==> flow/design.v <==
module my_rf #(
    parameter NWORDS = 12,
    parameter DW = 24,
    parameter IDX_W = $clog2(NWORDS)
) (
    input  ck,
    input  i_rst_n,
    input  step,
    input  in_write,
    input  [IDX_W-1:0] in_wr_idx,
    input  [DW-1:0] in_wdata,
    input  [IDX_W-1:0] in_rsel,
    output [DW-1:0] out_rdata
);
    reg write_reg;
    reg [IDX_W-1:0] wr_idx_reg;
    reg [DW-1:0] wdata_reg;
    always @(posedge ck or negedge i_rst_n) begin
        if (!i_rst_n) begin
            write_reg <= 1'b0;
            wr_idx_reg <= 0;
            wdata_reg <= 0;
        end else if (step) begin
            write_reg <= in_write;
            wr_idx_reg <= in_wr_idx;
            wdata_reg <= in_wdata;
        end
    end
    reg [DW-1:0] regs [0:NWORDS-1];
    always @(posedge ck) begin
        if (step && write_reg)
            regs[wr_idx_reg] <= wdata_reg;
    end
    reg [IDX_W-1:0] rsel_reg;
    always @(posedge ck or negedge i_rst_n) begin
        if (!i_rst_n) begin
            rsel_reg <= 0;
        end else if (step) begin
            rsel_reg <= in_rsel;
        end
    end
    assign out_rdata = regs[rsel_reg];
endmodule
======== Step by step through the tools: my_rf ========
What the tools print for my_rf, step after step.
Lines are those of the file above, counted from 1.
Operators carry their Yosys type and port widths (W data, S select, Z words).
Library cell names are shortened.
Not given: -
design
  top ..................................... my_rf
  clock ................................... ck
  cell library ............................ sky130hd
  timing corner ........................... tt_025C_1v80

======== Elaborated design ========
Yosys after proc, flatten, opt, wreduce and memory -nomap, before mapping. Enables and synchronous resets that opt folds into registers are not counted as muxes. Memory bits, and registers merged into a memory's read port (data or address), are not among the register bits. Print and check cells are not counted. Equal cells are merged and count once.
Yosys's memory passes give these memory sizes; they may raise the number of words (mostly to a power of two), join words into wider ones and drop unused or constant bits.
word-level totals
  elaborated cells ........................ 9
  register bits ........................... 33
  bits in writable memories ............... 288
  memory cells ............................ 1
  bits of input ports ..................... 36
memories
  memory  words  bits a word  rd ports  wr ports  line  source
  regs    12     24           1         1         29    reg [DW-1:0] regs [0:NWORDS-1];
operators by class
  reduce/logical cells .................... 1
  multiplexer cells ....................... 3
operators with widths
  cell                 number
  $mux W24             1
  $mux W4              1
  $logic_and A1 B1 Y1  1
  $mux W1              1

======== Logic depth ========
Depth = most cells in a row (Yosys ltp): at word level without a register or memory, in the mapped netlist without a sequential cell, where the memories' decode and read muxes count.
logic depth
  depth in word-level cells ............... 2
  ABC_AREA ................................ 0
  gate-level depth with buffers ........... 6
  depth with buffers taken out ............ 3

======== After synthesis ========
The flow's flattened synthesis, as Yosys stat reports it; memories are mapped. The netlist is that of the ABC_AREA named above (0 if unset); the other value can give another one.
The area totals of this step are shown rounded.
cells by type
  cell      number  total area (um^2)
  edfxtp_1  288     8.65E+03
  mux4_2    44      990.95
  dfrtp_1   33      825.792
  mux2i_1   48      480.461
  mux2_2    33      371.606
  o221ai_2  11      165.158
  a22oi_2   11      137.632
  o221ai_1  13      113.859
  mux4_1    4       105.101
  a22oi_1   13      97.594
  buf_12    3       60.058
  buf_2     10      50.048
  buf_6     4       45.043
  nor2_1    10      37.536
  clkbuf_1  9       33.782
  nand2b_1  3       18.768
  nand4b_1  2       17.517
  nor3_1    3       15.014
Not listed: further types 5, cells in them 9.
synthesis totals
  cells in the netlist .................... 551
  cell area after synthesis ............... 12260 um^2
  buffers ................................. 30
  flip-flop cells ......................... 321
  area of sequential cells ................ 9474 um^2

======== Timing after synthesis ========
OpenSTA on the mapped netlist: ideal clock, no wires. The path of least setup slack (recovery checks aside). Input and output delay are each 20% of the period. Register names are those of the netlist, which keeps one name where synthesis merged equal registers.
timing path after synthesis
  kind .................................... input-to-reg
  from .................................... in step
  to ...................................... mem regs[4][0]
  data arrival time ....................... 3271 ps
  setup slack ............................. 704 ps
  path buffers ............................ 2
  external input delay .................... 882 ps
  driving pins on the path ................ 4
  delay of the path ....................... 2824 ps
  data required time ...................... 3975 ps
  period .................................. 4410 ps
  synthesis period reached ................ 3706 ps
"delay of the path" = arrival - input delay + setup time.
"driving pins on the path" counts driving pins, that of a launching flip-flop among them; a cell with two outputs on the path counts twice.
"synthesis period reached" is the clock period less the worst setup slack; recovery checks do not enter. This is arithmetic on one report: input and output delays are still those of the set period (20% each).
The rows between start and end are the longest chain of elaborated cells between them; the timing report does not say that the signal goes this way. Where chains are equally long, one stands for them.
Each line given opens the expression or statement behind the cell; cells for indexed reads and writes are added by Yosys, which also makes memories of some case tables.
The path ends at the enable pin of a flip-flop; only ways to that pin are counted.
on the way, after synthesis
  cells stage by stage .................... clkbuf_1 -> buf_2 -> nand4b_1 -> nor3_1
  length of the longest elaborated chain .. 2
  elaborated cells on any way between the ends .. 3
  RTL lines with such cells ............... 1
  classes of those cells .................. mux (2); reduce/logical (1)
ends and longest elaborated chain, after synthesis
  what                 line  source
  start, declared      8     input  step,
  $logic_and A1 B1 Y1  31    if (step && write_reg)
  $mux W4              31
  end, declared        29    reg [DW-1:0] regs [0:NWORDS-1];

======== Timing after layout ========
From the final timing report of stored run 1: the path of least setup slack in the routed layout; clock arrival at registers is part of the times.
The path's times are printed in steps of 10 ps; the period is the one set.
timing path post-layout
  kind .................................... reg-to-output
  from .................................... reg rsel_reg[0]
  to ...................................... out out_rdata[15]
  output delay ............................ 470 ps
  path buffers ............................ 4
  driving pins on the path ................ 8
  setup slack ............................. -390 ps
  data arrival time ....................... 2270 ps
  data required time ...................... 1880 ps
  period .................................. 2350 ps
The rows between start and end are the longest chain of elaborated cells between them; the timing report does not say that the signal goes this way. Where chains are equally long, one stands for them.
The chain passes a memory read, where the word-level depth is cut; so it can be longer than that depth.
on the way, post-layout
  cells stage by stage .................... dfrtp_1 -> buf_12 -> buf_12 -> buf_6 -> mux4_2 -> a22oi_2 -> o221ai_1 -> buf_2
  length of the longest elaborated chain .. 1
  elaborated cells on any way between the ends .. 1
  RTL lines with such cells ............... 1
  classes of those cells .................. memory (1)
ends and longest elaborated chain, post-layout
  what             line  source
  start, declared  34    reg [IDX_W-1:0] rsel_reg;
  start, assigned  37    rsel_reg <= 0;
  start, assigned  39    rsel_reg <= in_rsel;
  $mem_v2 Z12 W24  29    reg [DW-1:0] regs [0:NWORDS-1];
  end, declared    13    output [DW-1:0] out_rdata

Settings and measured results of 3 stored flow runs for module my_rf (sky130hd), not sorted in any way. The constraints put input and output delay at 20% of the set period each and load the outputs with 0.01 pF.
"worst setup path time" = time allowed to the worst setup path (clock period - input delay - output delay, where it has them) - its slack; a late launch clock adds to it, a late capture clock takes from it.
"total power after layout": no workload was simulated; the value follows from the tool's default switching activity.
"worst setup path time" is given in steps of 10 ps.
Results are given in rounded form.

---- stored run 1 ----
settings
  period_ns = 2.35
  CORE_UTILIZATION = 38
  PLACE_DENSITY = 0.65
  CORE_MARGIN = 10
  CELL_PAD_IN_SITES_GLOBAL_PLACEMENT = 2
  GPL_TIMING_DRIVEN = 0
  GPL_ROUTABILITY_DRIVEN = 1
  CAP_MARGIN = 30
  MIN_ROUTING_LAYER = met1
  SLEW_MARGIN = 20
results
  worst setup slack after layout .......... -389 ps
  chip area in the Yosys report ........... 12260 um^2
  worst setup path time ................... 2270 ps
  worst path kind ......................... reg-to-output
  final design utilization ................ 48.4 %
  area of the die ......................... 39840 um^2
  total power after layout ................ 13.12 mW

---- stored run 2 ----
settings
  period_ns = 4.41
  CAP_MARGIN = 20
  CORE_MARGIN = 2
  CORE_UTILIZATION = 40
  SLEW_MARGIN = 20
results
  worst setup slack after layout .......... 566 ps
  chip area in the Yosys report ........... 12260 um^2
  worst setup path time ................... 2960 ps
  worst path kind ......................... reg-to-output
  final design utilization ................ 47.7 %
  area of the die ......................... 32060 um^2
  total power after layout ................ 6.822 mW

---- stored run 3 ----
settings
  period_ns = 3.88
  CORE_UTILIZATION = 32
  SETUP_SLACK_MARGIN = 0.49
  HOLD_SLACK_MARGIN = 0.14
  CORE_ASPECT_RATIO = 0.83
  CORE_MARGIN = 7
  CELL_PAD_IN_SITES_DETAIL_PLACEMENT = 2
  TNS_END_PERCENT = 25
  ABC_AREA = 1
  GPL_ROUTABILITY_DRIVEN = 1
  CAP_MARGIN = 15
  SLEW_MARGIN = 20
results
  worst setup slack after layout .......... 441 ps
  chip area in the Yosys report ........... 13370 um^2
  worst setup path time ................... 2660 ps
  worst path kind ......................... reg-to-output
  final design utilization ................ 38.7 %
  area of the die ......................... 47710 um^2
  total power after layout ................ 8.348 mW
